==> flow/design.v <==
module my_shifter #(
  parameter DATA_WIDTH = 8,
  parameter LOGN = $clog2(DATA_WIDTH)
) (
  input  wire clk,
  input  wire i_rst_n,
  input  wire enable,
  input  wire [DATA_WIDTH-1:0] bus,
  input  wire [LOGN-1:0] n,
  input  wire [1:0] fn,
  output reg [DATA_WIDTH-1:0] data_out
);
  reg [DATA_WIDTH-1:0] bus_d1;
  reg [LOGN-1:0] n_d1;
  reg [1:0] fn_d1;
  always @(posedge clk or negedge i_rst_n) begin
    if (~i_rst_n) begin
      bus_d1 <= 0;
      n_d1 <= 0;
      fn_d1 <= 0;
    end else if (enable) begin
      bus_d1 <= bus;
      n_d1 <= n;
      fn_d1 <= fn;
    end
  end
  reg [DATA_WIDTH-1:0] tmp;
  always @(*) begin
    case (fn_d1)
      2'b00: tmp = bus_d1 << n_d1;
      2'b01: tmp = bus_d1 >> n_d1;
      2'b10: tmp = $signed(bus_d1) >>> n_d1;
      default: tmp = bus_d1;
    endcase
  end
  always @(posedge clk or negedge i_rst_n) begin
    if (~i_rst_n) begin
      data_out <= 0;
    end else if (enable) begin
      data_out <= tmp;
    end
  end
endmodule
--- tool output ---
Reports on my_shifter
A sweep over "DATA_WIDTH": the same steps for each member of the family.
The RTL above is that of DATA_WIDTH=8; lines are counted from 1 in the file of the member named.
Operators: Yosys type, input widths -> output width; for muxes data width and select width s.
Library cell names are shortened.
{"block": "design", "design": "my_shifter", "clock": "clk", "lib": "sky130hd", "corner": "tt_025C_1v80"}

Members of the sweep
New or changed lines of each further member against the RTL above, in its own file; lines it lacks are not shown.
{"block": "changed_lines", "DATA_WIDTH": 16, "line_no": 2, "source": "parameter DATA_WIDTH = 16,"}
{"block": "changed_lines", "DATA_WIDTH": 48, "line_no": 2, "source": "parameter DATA_WIDTH = 48,"}
{"block": "changed_lines", "DATA_WIDTH": 128, "line_no": 2, "source": "parameter DATA_WIDTH = 128,"}

After elaboration
Yosys after proc, flatten, opt, wreduce and memory -nomap, before mapping. Enables and synchronous resets that opt folds into registers are not counted as muxes. Memory bits, and registers merged into a memory's read port (data or address), are not among the register bits. Print and check cells are not counted. Equal cells are merged and count once.
{"block": "bits", "DATA_WIDTH": 8, "register_bits": 21}
{"block": "bits", "DATA_WIDTH": 16, "register_bits": 38}
{"block": "bits", "DATA_WIDTH": 48, "register_bits": 104}
{"block": "bits", "DATA_WIDTH": 128, "register_bits": 265}
{"block": "op_classes", "DATA_WIDTH": 8, "n_eq": 2, "n_mux": 1, "n_reduce_logical": 1, "shifts": 3}
{"block": "op_classes", "DATA_WIDTH": 16, "n_eq": 2, "n_mux": 1, "n_reduce_logical": 1, "shifts": 3}
{"block": "op_classes", "DATA_WIDTH": 48, "n_eq": 2, "n_mux": 1, "n_reduce_logical": 1, "shifts": 3}
{"block": "op_classes", "DATA_WIDTH": 128, "n_eq": 2, "n_mux": 1, "n_reduce_logical": 1, "shifts": 3}
{"block": "op_table", "DATA_WIDTH": 8, "op_list": "1 x $pmux 8 s3; 1 x $shl 8x3->8; 1 x $shr 8x3->8; 1 x $sshr 8x3->8; 1 x $eq 2x1->1 const B; 1 x $eq 2x2->1 const B; 1 x $logic_not 2->1"}
{"block": "op_table", "DATA_WIDTH": 16, "op_list": "1 x $pmux 16 s3; 1 x $shl 16x4->16; 1 x $shr 16x4->16; 1 x $sshr 16x4->16; 1 x $eq 2x1->1 const B; 1 x $eq 2x2->1 const B; 1 x $logic_not 2->1"}
{"block": "op_table", "DATA_WIDTH": 48, "op_list": "1 x $pmux 48 s3; 1 x $shl 48x6->48; 1 x $shr 48x6->48; 1 x $sshr 48x6->48; 1 x $eq 2x1->1 const B; 1 x $eq 2x2->1 const B; 1 x $logic_not 2->1"}
{"block": "op_table", "DATA_WIDTH": 128, "op_list": "1 x $pmux 128 s3; 1 x $shl 128x7->128; 1 x $shr 128x7->128; 1 x $sshr 128x7->128; 1 x $eq 2x1->1 const B; 1 x $eq 2x2->1 const B; 1 x $logic_not 2->1"}

Logic depth
Yosys ltp: most cells in a row. Word level: on the elaborated netlist, between registers, memories and ports. Mapped: between sequential cells and ports; inverters and the memories' decode and read muxes count.
{"block": "depth", "DATA_WIDTH": 8, "ltp_word": 2, "ABC_AREA": 0, "ltp_mapped": 7, "ltp_nobuf": 5}
{"block": "depth", "DATA_WIDTH": 16, "ltp_word": 2, "ABC_AREA": 0, "ltp_mapped": 9, "ltp_nobuf": 5}
{"block": "depth", "DATA_WIDTH": 48, "ltp_word": 2, "ABC_AREA": 0, "ltp_mapped": 11, "ltp_nobuf": 7}
{"block": "depth", "DATA_WIDTH": 128, "ltp_word": 2, "ABC_AREA": 0, "ltp_mapped": 14, "ltp_nobuf": 7}

Synthesis result
Yosys stat after the flow's synthesis: flattened, memories mapped to cells. It holds for the ABC_AREA given above (unset counts as 0); a run with the other value may have another netlist.
{"block": "by_type", "DATA_WIDTH": 8, "cell_types": "21 x dfrtp_1; 12 x mux2_2; 21 x o21ai_0; 8 x mux2i_1; 19 x nand2_1; 5 x buf_6; 10 x a21oi_1; 3 x clkbuf_8; 4 x o221ai_1; 9 x nor2_1; 6 x nand3_1; 6 x nor3_1; 4 x o31ai_1; 1 x a2111oi_4; 7 x inv_1; 4 x nor2b_1; 3 x a211oi_1; 1 x mux4_2; [+38]"}
{"block": "by_type", "DATA_WIDTH": 16, "cell_types": "38 x dfrtp_1; 28 x mux2_2; 13 x mux4_2; 28 x mux2i_1; 43 x nor2_1; 30 x a21oi_1; 19 x o21ai_0; 20 x clkbuf_1; 20 x nand2_1; 4 x mux2_4; 8 x a31oi_1; 8 x nand2b_1; 9 x buf_2; 4 x buf_6; 8 x nor3_1; 6 x nor2b_1; 5 x o211ai_1; 3 x o221a_2; [+89]"}
{"block": "by_type", "DATA_WIDTH": 48, "cell_types": "104 x dfrtp_1; 118 x mux2_2; 42 x mux4_2; 79 x mux2i_1; 158 x nor2_1; 151 x nand2_1; 98 x o21ai_0; 82 x a21oi_1; 71 x clkbuf_1; 28 x o211ai_1; 17 x o221ai_1; 12 x buf_6; 21 x o22ai_1; 17 x a22oi_1; 15 x buf_4; 22 x buf_2; 14 x a211oi_1; 15 x a31oi_1; [+236]"}
{"block": "by_type", "DATA_WIDTH": 128, "cell_types": "342 x mux4_2; 265 x dfrtp_1; 308 x mux2_2; 241 x mux2i_1; 332 x nand2_1; 332 x nor2_1; 219 x o21ai_0; 291 x clkbuf_1; 202 x a21oi_1; 76 x a211oi_1; 74 x o22ai_1; 52 x o221ai_1; 83 x buf_2; 49 x o211ai_1; 53 x or3_1; 36 x a221oi_1; 47 x a31oi_1; 31 x o2bb2ai_1; [+606]"}
A list marked [+n] leaves out that many cells.
{"block": "mapped", "DATA_WIDTH": 8, "yosys_area_um2": 1617.8, "ff_cells": 21, "seqArea_um2": 525.5, "cells": 182}
{"block": "mapped", "DATA_WIDTH": 16, "yosys_area_um2": 3470.8, "ff_cells": 38, "seqArea_um2": 950.9, "cells": 383}
{"block": "mapped", "DATA_WIDTH": 48, "yosys_area_um2": 10925.5, "ff_cells": 104, "seqArea_um2": 2602.5, "cells": 1300}
{"block": "mapped", "DATA_WIDTH": 128, "yosys_area_um2": 33927.5, "ff_cells": 265, "seqArea_um2": 6631.4, "cells": 3639}

Timing after synthesis
Source: OpenSTA report_checks on the synthesized netlist (no wires, ideal clock, input and output delay 20% of the period each), path of least setup slack; recovery checks are left aside. Register names are those of the netlist, which keeps one name where synthesis merged equal registers.
{"block": "synth_timing", "DATA_WIDTH": 8, "path_type": "reg-to-reg", "startpoint": "register n_d1[1]", "endpoint": "register data_out[5]", "period_ns": 1.93, "path_stages": 8, "path_delay_ns": 1.542, "setup_slack_ns": 0.388, "period_less_setup_slack_ns": 1.542}
{"block": "synth_timing", "DATA_WIDTH": 16, "path_type": "reg-to-reg", "startpoint": "register n_d1[0]", "endpoint": "register data_out[0]", "period_ns": 2.24, "path_stages": 7, "path_delay_ns": 1.791, "setup_slack_ns": 0.448, "period_less_setup_slack_ns": 1.792}
{"block": "synth_timing", "DATA_WIDTH": 48, "path_type": "reg-to-reg", "startpoint": "register n_d1[1]", "endpoint": "register data_out[7]", "period_ns": 2.68, "path_stages": 9, "path_delay_ns": 2.141, "setup_slack_ns": 0.539, "period_less_setup_slack_ns": 2.141}
{"block": "synth_timing", "DATA_WIDTH": 128, "path_type": "reg-to-reg", "startpoint": "register n_d1[0]", "endpoint": "register data_out[83]", "period_ns": 3.59, "path_stages": 10, "path_delay_ns": 2.870, "setup_slack_ns": 0.720, "period_less_setup_slack_ns": 2.87}
"path_delay_ns" is the arrival time less input delay plus setup time.
"path_stages": output pins that drive a net of the path, with the launching flip-flop's if there is one; two outputs of one cell count as two.
"period_less_setup_slack_ns" is the clock period less the worst setup slack; recovery checks do not enter. This is arithmetic on one report: input and output delays are still those of the set period (20% each).
Between the ends stands the longest chain of elaborated cells between them, by number of cells; it is not shown to be the way that was timed. Of several equally long chains one is given.
A line is the first line of the expression or statement that the cell stems from. Yosys adds cells for indexed reads and writes and turns some case tables into memories.
{"block": "synth_via_DATA_WIDTH_8", "elab_chain_len": 2}
{"block": "synth_lines_DATA_WIDTH_8", "item": "start, declared", "line_no": 14, "source": "reg [LOGN-1:0] n_d1;"}
{"block": "synth_lines_DATA_WIDTH_8", "item": "start, assigned", "line_no": 19, "source": "n_d1 <= 0;"}
{"block": "synth_lines_DATA_WIDTH_8", "item": "start, assigned", "line_no": 23, "source": "n_d1 <= n;"}
{"block": "synth_lines_DATA_WIDTH_8", "item": "$sshr 8x3->8", "line_no": 32, "source": "2'b10: tmp = $signed(bus_d1) >>> n_d1;"}
{"block": "synth_lines_DATA_WIDTH_8", "item": "$pmux 8 s3", "line_no": 29, "source": "case (fn_d1)"}
{"block": "synth_lines_DATA_WIDTH_8", "item": "end, assigned", "line_no": 38, "source": "data_out <= 0;"}
{"block": "synth_lines_DATA_WIDTH_8", "item": "end, assigned", "line_no": 40, "source": "data_out <= tmp;"}
{"block": "synth_lines_DATA_WIDTH_8", "item": "end, declared", "line_no": 11, "source": "output reg [DATA_WIDTH-1:0] data_out"}
{"block": "synth_via_DATA_WIDTH_128", "elab_chain_len": 2}
{"block": "synth_lines_DATA_WIDTH_128", "item": "start, declared", "line_no": 14, "source": "reg [LOGN-1:0] n_d1;"}
{"block": "synth_lines_DATA_WIDTH_128", "item": "start, assigned", "line_no": 19, "source": "n_d1 <= 0;"}
{"block": "synth_lines_DATA_WIDTH_128", "item": "start, assigned", "line_no": 23, "source": "n_d1 <= n;"}
{"block": "synth_lines_DATA_WIDTH_128", "item": "$sshr 128x7->128", "line_no": 32, "source": "2'b10: tmp = $signed(bus_d1) >>> n_d1;"}
{"block": "synth_lines_DATA_WIDTH_128", "item": "$pmux 128 s3", "line_no": 29, "source": "case (fn_d1)"}
{"block": "synth_lines_DATA_WIDTH_128", "item": "end, assigned", "line_no": 38, "source": "data_out <= 0;"}
{"block": "synth_lines_DATA_WIDTH_128", "item": "end, assigned", "line_no": 40, "source": "data_out <= tmp;"}
{"block": "synth_lines_DATA_WIDTH_128", "item": "end, declared", "line_no": 11, "source": "output reg [DATA_WIDTH-1:0] data_out"}

Path in the finished layout
Path of least setup slack in the final report of each member's run (OpenROAD, finished layout, wires in). Where an end is a register, its clock arrival counts in the times.
{"block": "layout_timing", "DATA_WIDTH": 8, "path_type": "reg-to-reg", "startpoint": "register fn_d1[1]", "endpoint": "register data_out[2]", "period_ns": 1.93, "t_arrival_ns": 1.93, "setup_slack_ns": 0.17, "path_buffers": 0, "path_stages": 6}
{"block": "layout_timing", "DATA_WIDTH": 16, "path_type": "reg-to-reg", "startpoint": "register fn_d1[1]", "endpoint": "register data_out[10]", "period_ns": 2.24, "t_arrival_ns": 2.22, "setup_slack_ns": 0.19, "path_buffers": 0, "path_stages": 6}
{"block": "layout_timing", "DATA_WIDTH": 48, "path_type": "reg-to-reg", "startpoint": "register n_d1[1]", "endpoint": "register data_out[6]", "period_ns": 2.68, "t_arrival_ns": 2.96, "setup_slack_ns": 0.02, "path_buffers": 3, "path_stages": 10}
{"block": "layout_timing", "DATA_WIDTH": 128, "path_type": "reg-to-reg", "startpoint": "register bus_d1[81]", "endpoint": "register data_out[17]", "period_ns": 3.59, "t_arrival_ns": 4.23, "setup_slack_ns": -0.16, "path_buffers": 3, "path_stages": 11}

Measured runs
One run of the flow (Yosys, OpenROAD) for each member, with settings and measured results. Input and output delays are each 20% of the period that was set; the output load is 0.01 pF.
{"block": "flow_settings", "CAP_MARGIN": 20, "CORE_MARGIN": 2, "CORE_UTILIZATION": 40, "SLEW_MARGIN": 20}
{"block": "settings_by_member", "DATA_WIDTH": 8, "period_ns": 1.93}
{"block": "settings_by_member", "DATA_WIDTH": 16, "period_ns": 2.24}
{"block": "settings_by_member", "DATA_WIDTH": 48, "period_ns": 2.68}
{"block": "settings_by_member", "DATA_WIDTH": 128, "period_ns": 3.59}
{"block": "measured", "DATA_WIDTH": 8, "total_negative_slack_ns": 0.000, "synthArea_um2": 1617.8, "setup_worst_slack_ns": 0.174, "design_die_area_um2": 4569.1, "final_stdcell_area_um2": 1891.8, "finish.utilization_pct": 48.0, "period_reached_ns": 1.756, "power.total_mw": 1.409}
{"block": "measured", "DATA_WIDTH": 16, "total_negative_slack_ns": 0.000, "synthArea_um2": 3470.8, "setup_worst_slack_ns": 0.189, "design_die_area_um2": 9438.1, "final_stdcell_area_um2": 4100.2, "finish.utilization_pct": 49.4, "period_reached_ns": 2.051, "power.total_mw": 2.600}
{"block": "measured", "DATA_WIDTH": 48, "total_negative_slack_ns": 0.000, "synthArea_um2": 10925.5, "setup_worst_slack_ns": 0.019, "design_die_area_um2": 28652.3, "final_stdcell_area_um2": 14485.1, "finish.utilization_pct": 53.9, "period_reached_ns": 2.661, "power.total_mw": 8.430}
{"block": "measured", "DATA_WIDTH": 128, "total_negative_slack_ns": -0.712, "synthArea_um2": 33927.5, "setup_worst_slack_ns": -0.158, "design_die_area_um2": 87163.7, "final_stdcell_area_um2": 44710.4, "finish.utilization_pct": 53.3, "period_reached_ns": 3.748, "power.total_mw": 24.609}
By "period_reached_ns" is meant the clock period of the run minus its worst setup slack. This is arithmetic on one report: input and output delays are still those of the set period (20% each).
"power.total_mw": no workload was simulated; the value follows from the tool's default switching activity.
--- end ---
